==> flow/design.v <==
module ex_sum_block #(
  parameter int WD = 80
) (
  input  logic clk,
  input  logic aresetn,
  input  logic clk_en,
  input  logic [WD-1:0] src1,
  input  logic [WD-1:0] src2,
  output logic [WD:0] res
);
  logic [WD-1:0] src1_reg;
  always_ff @(posedge clk or negedge aresetn) begin
    if (!aresetn) begin
      src1_reg <= '0;
    end else if (clk_en) begin
      src1_reg <= src1;
    end
  end
  logic [WD-1:0] src2_reg;
  always_ff @(posedge clk or negedge aresetn) begin
    if (!aresetn) begin
      src2_reg <= '0;
    end else if (clk_en) begin
      src2_reg <= src2;
    end
  end
  assign res = src1_reg + src2_reg;
endmodule
From RTL to reports: ex_sum_block:

Tool output for the design above, in the order of the flow.
Lines are those of the file above, counted from 1.
Library cell names are shortened.
A cell with n/a has no value.

* top: ex_sum_block
* clock: clk
* standard-cell library: sky130hd
* timing corner: tt_025C_1v80

After elaboration:

Source: Yosys, flattened and elaborated, memories not mapped. Widths are those after wreduce; folded enables and synchronous resets count as part of the registers. Registers that Yosys merges into a memory's read port (data or address) are not register bits. Print and check cells do not count. Equal cells are merged and count once.

* $add $sub $neg: 1

Operators by type and width (count)
* 80-bit by 80-bit adder with 81-bit output: 1

* bits in registers: 160
* input bits: 163
* output and inout port bits: 81
* word-level cells: 3

Logic depth:

Yosys ltp: most cells in a row. Word level: on the elaborated netlist, between registers, memories and ports. Mapped: between sequential cells and ports; inverters and the memories' decode and read muxes count.

* word-level depth: 1
* ABC_AREA: 0
* depth in mapped cells: 12
* depth with buffers taken out: 12

After synthesis:

Yosys stat after the flow's synthesis: flattened, memories mapped to cells. It holds for the ABC_AREA given above (unset counts as 0); a run with the other value may have another netlist.
Totals and module areas in this step are rounded.

Cells by type
* dfrtp_1: count 160, area in all 4003.84 um^2
* mux2_2: count 160, area in all 1.8E+03 um^2
* ha_1: count 80, area in all 1000.96 um^2
* a21oi_1: count 104, area in all 520.499 um^2
* xnor2_1: count 41, area in all 359.094 um^2
* a21o_1: count 45, area in all 337.824 um^2
* xor2_1: count 37, area in all 324.061 um^2
* o21ai_0: count 55, area in all 275.264 um^2
* nand2_1: count 71, area in all 266.506 um^2
* nor2_1: count 43, area in all 161.405 um^2
* clkbuf_1: count 36, area in all 135.13 um^2
* o21bai_1: count 16, area in all 120.115 um^2
* nand4_1: count 19, area in all 118.864 um^2
* inv_1: count 25, area in all 93.84 um^2
* a221oi_1: count 7, area in all 61.309 um^2
* a211oi_1: count 8, area in all 60.058 um^2
* nand3_1: count 12, area in all 60.058 um^2
* o31ai_1: count 7, area in all 52.55 um^2

Other cell types: 42; their cells: 113.

* cell count: 1039
* cell area after synthesis: 11000 um^2
* sequential part of the area: 4000 um^2
* flip-flop cells: 160
* buffer cells: 45

Timing after synthesis:

Source: OpenSTA report_checks on the synthesized netlist (no wires, ideal clock, input and output delay 20% of the period each), path of least setup slack; recovery checks are left aside. Register names are those of the netlist, which keeps one name where synthesis merged equal registers.

* kind: flip-flop to output port
* start: register src1_reg[0]
* end: output port res[80]
* period: 4510 ps
* external output delay: 902 ps
* launch time at the first pin: 0 ps
* data arrival time: 2889 ps
* required time: 3608 ps
* setup slack: 719 ps
* delay of the path: 2889 ps
* stages on the path: 13
* path buffers: 0
* synthesis period reached: 3791 ps

"delay of the path" = arrival - input delay + setup time.
A path that ends at an output port has no setup time.
"stages on the path" counts driving pins, that of a launching flip-flop among them; a cell with two outputs on the path counts twice.
"synthesis period reached" is the clock period less the worst setup slack; recovery checks do not enter. This is arithmetic on one report: input and output delays are still those of the set period (20% each).
The rows between start and end are the longest chain of elaborated cells between them; the timing report does not say that the signal goes this way. Where chains are equally long, one stands for them.
Each line given opens the expression or statement behind the cell; cells for indexed reads and writes are added by Yosys, which also makes memories of some case tables.

* path through: dfrtp_1 > ha_1 > fa_1 > a21oi_1 > o21ai_0 > a211oi_1 > o21ai_0 > nor2_1 > o22a_1 > a31o_2 > o31a_1 > o21ai_2 > a221o_1
* length of the longest elaborated chain: 1
* elaborated cells between the ends (all ways): 1
* RTL lines with such cells: 1
* those cells by class: add/sub (1)

Ends and longest elaborated chain, after synthesis
* start, declared: RTL line 11 `logic [WD-1:0] src1_reg;`
* start, assigned: RTL line 14 `src1_reg <= '0;`
* start, assigned: RTL line 16 `src1_reg <= src1;`
* 80-bit by 80-bit adder with 81-bit output: RTL line 27 `assign res = src1_reg + src2_reg;`
* end, declared: RTL line 9 `output logic [WD:0] res`

Worst path after layout:

Path of least setup slack in the final report of flow run A (OpenROAD, finished layout, wires in). Where an end is a register, its clock arrival counts in the times.
The path's times are printed in steps of 10 ps; the period is the one set.

* kind: flip-flop to output port
* start: register src2_reg[14]
* end: output port res[70]
* period: 4510 ps
* external output delay: 900 ps
* launch time at the first pin: 430 ps
* data arrival time: 3590 ps
* required time: 3610 ps
* setup slack: 10 ps
* stages on the path: 14
* path buffers: 3

The rows between start and end are the longest chain of elaborated cells between them; the timing report does not say that the signal goes this way. Where chains are equally long, one stands for them.

* path through: dfrtp_1 > ha_2 > nand4_1 > nor3_1 > a211oi_1 > o211ai_1 > o211ai_1 > a31oi_1 > a21oi_1 > buf_4 > o31ai_4 > buf_4 > xor2_1 > clkdlybuf4s15_1
* length of the longest elaborated chain: 1
* elaborated cells between the ends (all ways): 1
* RTL lines with such cells: 1
* those cells by class: add/sub (1)

Ends and longest elaborated chain, post-layout
* start, declared: RTL line 19 `logic [WD-1:0] src2_reg;`
* start, assigned: RTL line 22 `src2_reg <= '0;`
* start, assigned: RTL line 24 `src2_reg <= src2;`
* 80-bit by 80-bit adder with 81-bit output: RTL line 27 `assign res = src1_reg + src2_reg;`
* end, declared: RTL line 9 `output logic [WD:0] res`

## Implementation results

Measured data: module ex_sum_block, platform sky130hd, 3 stored runs of the flow under differing settings, order arbitrary. Input and output delays are each 20% of the period that was set; the output load is 0.01 pF.
"clock period reached" means the clock period less the worst setup slack. The figure is calculated, with input and output delays left at 20% of the set period.
"time of the worst setup path" is the time allowed to the run's worst setup path (the clock period less input and output delay, where it has them) less its slack. Clock arrival times count: a late capture clock shortens it, a late launch clock lengthens it.
"overall power" rests on the timing tool's default activity at the inputs, not on a simulated workload.
"time of the worst setup path" is given in steps of 10 ps.
Results are given in rounded form.

### Flow run A

Settings: `period_ns=4.51`, `CAP_MARGIN=20`, `CORE_MARGIN=2`, `CORE_UTILIZATION=40`, `SLEW_MARGIN=20`

- Final setup TNS: 0 ps
- Utilization after layout: 0.58
- Standard-cell area after layout: 15000 um^2
- Yosys chip area after synthesis: 11000 um^2
- Die footprint: 28000 um^2
- Clock period reached: 4495 ps
- Overall power: 6.1 mW
- Time of the worst setup path: 3590 ps
- Worst setup path kind: flip-flop to output port
- Smallest setup slack: 15 ps

### Flow run B

Settings: `period_ns=2.38`, `CORE_UTILIZATION=15`, `SETUP_SLACK_MARGIN=-0.0`, `PLACE_DENSITY_LB_ADDON=0.18`, `CORE_ASPECT_RATIO=1.31`, `CORE_MARGIN=10`, `CELL_PAD_IN_SITES_GLOBAL_PLACEMENT=0`, `CELL_PAD_IN_SITES_DETAIL_PLACEMENT=0`, `GPL_TIMING_DRIVEN=1`, `CTS_CLUSTER_SIZE=28`, `CAP_MARGIN=25`, `SLEW_MARGIN=20`

- Final setup TNS: -100000 ps
- Utilization after layout: 0.28
- Standard-cell area after layout: 20000 um^2
- Yosys chip area after synthesis: 11000 um^2
- Die footprint: 82000 um^2
- Clock period reached: 4186 ps
- Overall power: 15 mW
- Time of the worst setup path: 3710 ps
- Worst setup path kind: flip-flop to output port
- Smallest setup slack: -1800 ps

### Flow run C

Settings: `period_ns=3.89`, `CORE_UTILIZATION=55`, `SETUP_SLACK_MARGIN=0.05`, `PLACE_DENSITY_LB_ADDON=0.25`, `CORE_ASPECT_RATIO=0.98`, `CORE_MARGIN=10`, `TNS_END_PERCENT=15`, `CTS_CLUSTER_SIZE=98`, `CAP_MARGIN=25`, `MAX_ROUTING_LAYER=met5`, `SLEW_MARGIN=20`

- Final setup TNS: -10000 ps
- Utilization after layout: 0.87
- Standard-cell area after layout: 17000 um^2
- Yosys chip area after synthesis: 11000 um^2
- Die footprint: 25000 um^2
- Clock period reached: 4312 ps
- Overall power: 7.9 mW
- Time of the worst setup path: 3530 ps
- Worst setup path kind: flip-flop to output port
- Smallest setup slack: -420 ps
